==> flow/design.v <==
module sh_core_v2 #(
    parameter NBITS = 128,
    parameter SEL_W = $clog2(NBITS)
) (
    input logic clk_i,
    input logic rst_ni,
    input logic clk_en,
    input logic [NBITS-1:0] ch,
    input logic [SEL_W-1:0] shamt,
    output logic [NBITS-1:0] data_out
);
    always_ff @(posedge clk_i) begin
        if (~rst_ni) begin
            data_out <= 0;
        end else if (clk_en) begin
            data_out <= (ch << shamt) | (ch >> (NBITS - shamt));
        end
    end
endmodule
# Tool chain data of sh_core_v2
# What the tools print for sh_core_v2, step after step.
# Lines are those of the file above, counted from 1.
# Operators: Yosys type, input widths -> output width; for muxes data width and select width s.
# A cell with n/a has no value.
[design]
design = "sh_core_v2"
clk_port = "clk_i"
library = "sky130hd"
corner = "tt_025C_1v80"

# Elaborated design
# Yosys after proc, flatten, opt, wreduce and memory -nomap, before mapping. Enables and synchronous resets that opt folds into registers are not counted as muxes. Memory bits, and registers merged into a memory's read port (data or address), are not among the register bits. Print and check cells are not counted. Equal cells are merged and count once.
[classes]
add_sub_neg = 1
n_shift = 2
n_logic = 1
[op_table]
columns = ["cell", "n"]
rows = [
  ["$or 128x128->128", 1],
  ["$shr 128x32->128", 1],
  ["$shl 128x7->128", 1],
  ["$sub 8x7->9 const A", 1],
]
[word_totals]
reg_bits = 128
inputBits = 138
out_inout_bits = 128
word_cells = 5

# Longest topological paths
# Yosys ltp: most cells in a row. Word level: on the elaborated netlist, between registers, memories and ports. Mapped: between sequential cells and ports; inverters and the memories' decode and read muxes count.
[logic_depth]
ltp_word = 3
abc_area = 0
ltp_mapped = 19
ltp_nobuf = 9

# Netlist
# Yosys stat after the flow's synthesis: flattened, memories mapped to cells. It holds for the ABC_AREA given above (unset counts as 0); a run with the other value may have another netlist.
# Totals and module areas in this step are rounded.
[mapped]
mapped_cells = 2662
yosys_area_um2 = 24360
seqArea_um2 = 2562
ffs = 128
n_buf = 292
[by_type]
columns = ["cell", "n", "area_total_um2"]
rows = [
  ["sky130_fd_sc_hd__mux4_2", 311, 7E+03],
  ["sky130_fd_sc_hd__mux2i_1", 337, 3.37E+03],
  ["sky130_fd_sc_hd__dfxtp_1", 128, 2.56E+03],
  ["sky130_fd_sc_hd__mux2_2", 162, 1824.25],
  ["sky130_fd_sc_hd__o21ai_0", 233, 1.17E+03],
  ["sky130_fd_sc_hd__nand2_1", 278, 1.04E+03],
  ["sky130_fd_sc_hd__a21oi_1", 175, 875.84],
  ["sky130_fd_sc_hd__nor2_1", 178, 668.141],
  ["sky130_fd_sc_hd__clkbuf_1", 128, 480.461],
  ["sky130_fd_sc_hd__buf_2", 78, 390.374],
  ["sky130_fd_sc_hd__a221oi_1", 42, 367.853],
  ["sky130_fd_sc_hd__o211ai_1", 47, 352.838],
  ["sky130_fd_sc_hd__nand3_1", 61, 305.293],
  ["sky130_fd_sc_hd__o22ai_1", 47, 294.032],
  ["sky130_fd_sc_hd__o221ai_1", 32, 280.269],
  ["sky130_fd_sc_hd__buf_6", 22, 247.738],
  ["sky130_fd_sc_hd__a31oi_1", 35, 218.96],
  ["sky130_fd_sc_hd__a211oi_1", 29, 217.709],
]
# Not listed: further types 69, cells in them 339.

# Worst setup path after synthesis
# Path of least setup slack by OpenSTA after synthesis, without wires, with an ideal clock, recovery checks aside; 20% of the period is set as input and as output delay. Where synthesis merged equal registers, the netlist keeps one of their names.
[synth_path]
path_kind = "in2reg"
start = "input shamt[1]"
end = "register data_out[12]"
tclk_ns = 5.4
input_delay_ns = 1.080
setup_ns = 0.070
t_first_pin_ns = 1.080
arrival_ns = 4.464
t_required_ns = 5.330
slack_ns = 0.867
delay_ns = 3.454
path_stages = 17
path_buffers = 8
period_less_setup_slack_ns = 4.533
# "delay_ns" is the arrival time less input delay plus setup time.
# "path_stages": output pins that drive a net of the path, with the launching flip-flop's if there is one; two outputs of one cell count as two.
# "period_less_setup_slack_ns" = period - worst setup slack (recovery checks aside). The figure is calculated, with input and output delays left at 20% of the set period.
# Between the ends stands the longest chain of elaborated cells between them, by number of cells; it is not shown to be the way that was timed. Of several equally long chains one is given.
# Each line given opens the expression or statement behind the cell; cells for indexed reads and writes are added by Yosys, which also makes memories of some case tables.
[synth_between]
cell_sequence = "sky130_fd_sc_hd__buf_4 > sky130_fd_sc_hd__buf_2 > sky130_fd_sc_hd__buf_2 > sky130_fd_sc_hd__buf_2 > sky130_fd_sc_hd__inv_1 > sky130_fd_sc_hd__ha_1 > sky130_fd_sc_hd__buf_2 > sky130_fd_sc_hd__inv_2 > sky130_fd_sc_hd__buf_2 > sky130_fd_sc_hd__buf_2 > sky130_fd_sc_hd__buf_2 > sky130_fd_sc_hd__mux2_2 > sky130_fd_sc_hd__mux2i_1 > sky130_fd_sc_hd__nor2_1 > sky130_fd_sc_hd__a2111oi_0 > sky130_fd_sc_hd__a211oi_1 > sky130_fd_sc_hd__a21oi_1"
elab_chain_cells = 3
cone_cells = 4
lines_between = 1
cone_classes = "1 x add/sub; 2 x shift; 1 x logic"
[synth_rtl]
columns = ["element", "line", "rtl"]
rows = [
  ["start, declared", 9, "input logic [SEL_W-1:0] shamt,"],
  ["$sub 8x7->9", 16, "data_out <= (ch << shamt) | (ch >> (NBITS - shamt));"],
  ["$shr 128x32->128", 16, ""],
  ["$or 128x128->128", 16, ""],
  ["end, assigned", 14, "data_out <= 0;"],
  ["end, assigned", 16, ""],
  ["end, declared", 10, "output logic [NBITS-1:0] data_out"],
]

# Worst path after layout
# From the final timing report of run A: the path of least setup slack in the routed layout; clock arrival at registers is part of the times.
[layout_path]
path_kind = "in2reg"
start = "input shamt[2]"
end = "register data_out[46]"
tclk_ns = 5.4
input_delay_ns = 1.08
setup_ns = 0.07
t_first_pin_ns = 1.08
arrival_ns = 5.11
t_required_ns = 5.78
slack_ns = 0.67
path_stages = 10
path_buffers = 3
# Between the ends stands the longest chain of elaborated cells between them, by number of cells; it is not shown to be the way that was timed. Of several equally long chains one is given.
[layout_between]
cell_sequence = "sky130_fd_sc_hd__buf_2 > sky130_fd_sc_hd__o31a_1 > sky130_fd_sc_hd__nor2_4 > sky130_fd_sc_hd__buf_4 > sky130_fd_sc_hd__buf_4 > sky130_fd_sc_hd__nor3_1 > sky130_fd_sc_hd__nand2_1 > sky130_fd_sc_hd__and2_1 > sky130_fd_sc_hd__o221a_2 > sky130_fd_sc_hd__a21oi_1"
elab_chain_cells = 3
cone_cells = 4
lines_between = 1
cone_classes = "1 x add/sub; 2 x shift; 1 x logic"
[layout_rtl]
columns = ["element", "line", "rtl"]
rows = [
  ["start, declared", 9, "input logic [SEL_W-1:0] shamt,"],
  ["$sub 8x7->9", 16, "data_out <= (ch << shamt) | (ch >> (NBITS - shamt));"],
  ["$shr 128x32->128", 16, ""],
  ["$or 128x128->128", 16, ""],
  ["end, assigned", 14, "data_out <= 0;"],
  ["end, assigned", 16, ""],
  ["end, declared", 10, "output logic [NBITS-1:0] data_out"],
]

# Settings and measured results of 2 stored flow runs for module sh_core_v2 (sky130hd), not sorted in any way. The constraints put input and output delay at 20% of the set period each and load the outputs with 0.01 pF.
# By "critical_path_time_ns" is meant the share of the clock period that the worst setup path is allowed (20% is reserved at inputs, 20% at outputs), minus its slack. Clock arrival times at its registers enter into it.
# "power.total_mw": no workload was simulated; the value follows from the tool's default switching activity.
# The measured numbers are rounded.

[[run]]
name = "run A"
[run.settings]
period_ns = 5.4
CAP_MARGIN = 20
CORE_MARGIN = 2
CORE_UTILIZATION = 40
SLEW_MARGIN = 20
[run.results]
yosys_chip_area_um2 = 24360
dieArea_um2 = 62880
finish.utilization_pct = 47.6
final_setup_ws_ns = 0.673
timing.setup.tns_ns = 0.000
fin_hold_ws_ns = 0.513
power.total_mw = 7.069
critical_path_time_ns = 3.65
critical_path_kind = "in2reg"

[[run]]
name = "run B"
[run.settings]
period_ns = 6.42
CORE_UTILIZATION = 51
PLACE_DENSITY = 0.57
CELL_PAD_IN_SITES_GLOBAL_PLACEMENT = 2
TNS_END_PERCENT = 90
GPL_TIMING_DRIVEN = 0
GPL_ROUTABILITY_DRIVEN = 0
CTS_CLUSTER_DIAMETER = 400
CAP_MARGIN = 20
CORE_MARGIN = 2
SLEW_MARGIN = 20
[run.results]
outcome = "stopped before the end: routing reported GRT-0116"
